==> flow/design.v <==
module u_add_core #(
  parameter WD = 40
) (
  input ck,
  input [WD-1:0] x_in,
  input [WD-1:0] y_in,
  input [WD-1:0] z_in,
  output [WD+1:0] result_out
);
  wire [WD-1:0] nxt = x_in ^ y_in ^ z_in;
  wire [WD-1:0] cc = (x_in & y_in) | (x_in & z_in) | (y_in & z_in);
  reg [WD+1:0] r_result;
  always @(posedge ck) begin
    r_result <= nxt + {cc, 1'b0};
  end
  assign result_out = r_result;
endmodule
======== Step by step through the tools: u_add_core ========
Tool output for the design above, in the order of the flow.
Line numbers count from 1 in the design file above.
Cell names lack the library's common part.
Not given: -
set-up
  design top .............................. u_add_core
  clock ................................... ck
  standard-cell library ................... sky130hd
  library corner .......................... tt_025C_1v80

======== After elaboration ========
Source: Yosys, flattened and elaborated, memories not mapped. Widths are those after wreduce; folded enables and synchronous resets count as part of the registers. Registers that Yosys merges into a memory's read port (data or address) are not register bits. Print and check cells do not count. Equal cells are merged and count once.
bit counts
  register bits after elaboration ......... 42
  input bits .............................. 121
operators by class
  add/sub/neg operators ................... 1
  bitwise logic cells ..................... 7
operators by type and width
  cell                                       count
  40-bit bitwise AND                         3
  40-bit OR                                  2
  40-bit XOR                                 2
  40-bit by 41-bit adder with 42-bit output  1

======== Logic depth ========
Longest topological path by Yosys (ltp), each cell counted once; first at word level (registers and memories cut), then after technology mapping (sequential cells cut; the memories' decode and read muxes count).
logic depth
  depth after elaboration ................. 4
  ABC_AREA ................................ 0
  mapped depth ............................ 13
  depth with buffers taken out ............ 13

======== After synthesis ========
The flow's flattened synthesis, as Yosys stat reports it; memories are mapped. The netlist is that of the ABC_AREA named above (0 if unset); the other value can give another one.
cell types
  cell      count  total area (µm²)
  dfxtp_1   42     840.806
  fa_1      41     820.787
  ha_1      39     487.968
  a21o_1    27     202.694
  xnor2_1   23     201.443
  a21oi_1   37     185.178
  xor2_1    11     96.342
  o21ai_0   18     90.086
  nand2_1   22     82.579
  inv_1     21     78.826
  nor2_1    19     71.318
  a211oi_1  7      52.55
  a31oi_1   8      50.048
  and3_1    7      43.792
  nand4_1   5      31.28
  nand3_1   6      30.029
  o31ai_1   4      30.029
  o211ai_1  3      22.522
Not listed: further types 34, cells in them 46.
mapped netlist
  cells in the netlist .................... 386
  synthesis area .......................... 3817.4 µm²
  sequential area ......................... 840.8 µm²
  mapped flip-flops ....................... 42
  buffer cells ............................ 5

======== Worst setup path after synthesis ========
Path of least setup slack by OpenSTA after synthesis, without wires, with an ideal clock, recovery checks aside; 20% of the period is set as input and as output delay. Where synthesis merged equal registers, the netlist keeps one of their names.
timing path post-synthesis
  kind .................................... in2reg
  start ................................... input port x_in[1]
  end ..................................... register r_result[23]
  clock period ............................ 4.55 ns
  external input delay .................... 0.910 ns
  library setup time ...................... 0.064 ns
  arrival ................................. 3.759 ns
  data required time ...................... 4.486 ns
  path slack .............................. 0.727 ns
  path delay .............................. 2.913 ns
  stages on the path ...................... 11
  buffers on the path ..................... 0
  synthesis period reached ................ 3.823 ns
"path delay" = arrival - input delay + setup time.
"stages on the path": output pins that drive a net of the path, with the launching flip-flop's if there is one; two outputs of one cell count as two.
"synthesis period reached" = period - worst setup slack (recovery checks aside). The figure is calculated, with input and output delays left at 20% of the set period.
Between the ends stands the longest chain of elaborated cells between them, by number of cells; it is not shown to be the way that was timed. Of several equally long chains one is given.
A line is the first line of the expression or statement that the cell stems from. Yosys adds cells for indexed reads and writes and turns some case tables into memories.
between the ends, post-synthesis
  cells stage by stage .................... fa_1 -> ha_1 -> fa_1 -> a21o_1 -> a221oi_2 -> o21ai_2 -> a31o_4 -> o31ai_4 -> a31oi_1 -> or4b_1 -> nand4_1
  length of the longest elaborated chain .. 4
  elaborated cells on any way between the ends .. 7
  RTL lines with such cells ............... 3
  classes of those cells .................. add/sub: 1; logic: 6
RTL lines, path post-synthesis
  item                                       line  text
  from (decl)                                5     input [WD-1:0] x_in,
  40-bit bitwise AND                         11    wire [WD-1:0] cc = (x_in & y_in) | (x_in & z_in) | (y_in & z_in);
  40-bit OR x2                               11
  40-bit by 41-bit adder with 42-bit output  14    r_result <= nxt + {cc, 1'b0};
  to (assign)                                14
  to (decl)                                  12    reg [WD+1:0] r_result;

======== Timing after layout ========
From the final timing report of job 1: the path of least setup slack in the routed layout; clock arrival at registers is part of the times.
timing path after layout
  kind .................................... in2reg
  start ................................... input port x_in[1]
  end ..................................... register r_result[41]
  clock period ............................ 4.55 ns
  external input delay .................... 0.91 ns
  library setup time ...................... 0.11 ns
  arrival ................................. 4.42 ns
  data required time ...................... 4.73 ns
  path slack .............................. 0.31 ns
  stages on the path ...................... 12
  buffers on the path ..................... 1
Between the ends stands the longest chain of elaborated cells between them, by number of cells; it is not shown to be the way that was timed. Of several equally long chains one is given.
between the ends, after layout
  cells stage by stage .................... clkdlybuf4s50_1 -> fa_1 -> ha_1 -> fa_1 -> a21o_1 -> a221oi_2 -> o21ai_2 -> a31oi_4 -> o221a_2 -> o211ai_2 -> a311oi_2 -> o21ai_0
  length of the longest elaborated chain .. 4
  elaborated cells on any way between the ends .. 7
  RTL lines with such cells ............... 3
  classes of those cells .................. add/sub: 1; logic: 6
RTL lines, path after layout
  item                                       line  text
  from (decl)                                5     input [WD-1:0] x_in,
  40-bit bitwise AND                         11    wire [WD-1:0] cc = (x_in & y_in) | (x_in & z_in) | (y_in & z_in);
  40-bit OR x2                               11
  40-bit by 41-bit adder with 42-bit output  14    r_result <= nxt + {cc, 1'b0};
  to (assign)                                14
  to (decl)                                  12    reg [WD+1:0] r_result;

FLOW RESULTS
============

3 stored runs of u_add_core in the flow (synthesis by Yosys, layout by OpenROAD, sky130hd cells), in arbitrary order. Constraints: input delay and output delay 20% of the set period each, output load 0.01 pF.
"achieved clock period (ns)" is the run's clock period less its worst setup slack. It is reckoned from that one timing run; input and output delays stay at 20% of the period that was set.
"worst setup path time (ns)" = time allowed to the worst setup path (clock period - input delay - output delay, where it has them) - its slack; a late launch clock adds to it, a late capture clock takes from it.
"finish__power__total": no workload was simulated; the value follows from the tool's default switching activity.

Flow files of job 1
==> flow/run.sh <==
#!/bin/bash
# the make line also repeats the synthesis and layout settings of config.mk as NAME=value (left out here)
make -C /OpenROAD-flow-scripts/flow DESIGN_CONFIG=/design/flow/config.mk WORK_HOME=/design/flow/orfs CLKGATE_MAP_FILE= finish
==> flow/config.mk <==
export PLATFORM = sky130hd
export DESIGN_NAME = u_add_core
export DESIGN_NICKNAME = u_add_core
export VERILOG_FILES = /design/flow/design.v
export SDC_FILE = /design/flow/constraint.sdc
export NUM_CORES = 4
export LEC_CHECK = 0
export CAP_MARGIN = 20
export CORE_MARGIN = 2
export CORE_UTILIZATION = 40
export SLEW_MARGIN = 20
==> flow/constraint.sdc <==
create_clock -name core_clock -period 4.55 [get_ports {ck}]
set_input_delay 0.9100 -clock core_clock [delete_from_list [all_inputs] [get_ports {ck}]]
set_output_delay 0.9100 -clock core_clock [all_outputs]
set_load 0.01 [all_outputs]

report of job 1
yosys chip area after synthesis (um^2): 3817.4
finish__design__die__area: 10340.9
finish__design__instance__area__stdcell: 5689.2
finish__design__instance__utilization: 0.6157
finish__timing__setup__ws: 0.309
finish__timing__setup__tns: 0.000
finish__timing__hold__ws: 1.294
finish__power__total: 2.213e-03
achieved clock period (ns): 4.241
worst setup path time (ns): 3.33
worst setup path kind: in2reg

Flow files of job 2
==> flow/run.sh <==
#!/bin/bash
# the make line also repeats the synthesis and layout settings of config.mk as NAME=value (left out here)
make -C /OpenROAD-flow-scripts/flow DESIGN_CONFIG=/design/flow/config.mk WORK_HOME=/design/flow/orfs CLKGATE_MAP_FILE= finish
==> flow/config.mk <==
export PLATFORM = sky130hd
export DESIGN_NAME = u_add_core
export DESIGN_NICKNAME = u_add_core
export VERILOG_FILES = /design/flow/design.v
export SDC_FILE = /design/flow/constraint.sdc
export NUM_CORES = 4
export LEC_CHECK = 0
export CAP_MARGIN = 20
export CELL_PAD_IN_SITES_DETAIL_PLACEMENT = 1
export CELL_PAD_IN_SITES_GLOBAL_PLACEMENT = 3
export CORE_ASPECT_RATIO = 1.81
export CORE_MARGIN = 2
export CORE_UTILIZATION = 36
export CTS_CLUSTER_SIZE = 20
export GPL_ROUTABILITY_DRIVEN = 1
export SETUP_SLACK_MARGIN = 0.56
export SLEW_MARGIN = 30
export TNS_END_PERCENT = 15
==> flow/constraint.sdc <==
create_clock -name core_clock -period 3.7 [get_ports {ck}]
set_input_delay 0.7400 -clock core_clock [delete_from_list [all_inputs] [get_ports {ck}]]
set_output_delay 0.7400 -clock core_clock [all_outputs]
set_load 0.01 [all_outputs]

report of job 2: did not finish, place, GPL-0301

Flow files of job 3
==> flow/run.sh <==
#!/bin/bash
# the make line also repeats the synthesis and layout settings of config.mk as NAME=value (left out here)
make -C /OpenROAD-flow-scripts/flow DESIGN_CONFIG=/design/flow/config.mk WORK_HOME=/design/flow/orfs CLKGATE_MAP_FILE= finish
==> flow/config.mk <==
export PLATFORM = sky130hd
export DESIGN_NAME = u_add_core
export DESIGN_NICKNAME = u_add_core
export VERILOG_FILES = /design/flow/design.v
export SDC_FILE = /design/flow/constraint.sdc
export NUM_CORES = 4
export LEC_CHECK = 0
export ABC_AREA = 1
export CAP_MARGIN = 40
export CELL_PAD_IN_SITES_DETAIL_PLACEMENT = 2
export CORE_ASPECT_RATIO = 1.38
export CORE_MARGIN = 2
export CORE_UTILIZATION = 56
export HOLD_SLACK_MARGIN = 0.03
export MAX_ROUTING_LAYER = met4
export MIN_ROUTING_LAYER = met2
export PLACE_DENSITY_LB_ADDON = 0.27
export SETUP_SLACK_MARGIN = 0.87
export SLEW_MARGIN = 0
export TNS_END_PERCENT = 25
==> flow/constraint.sdc <==
create_clock -name core_clock -period 4.22 [get_ports {ck}]
set_input_delay 0.8440 -clock core_clock [delete_from_list [all_inputs] [get_ports {ck}]]
set_output_delay 0.8440 -clock core_clock [all_outputs]
set_load 0.01 [all_outputs]

report of job 3: did not finish, place, tool error
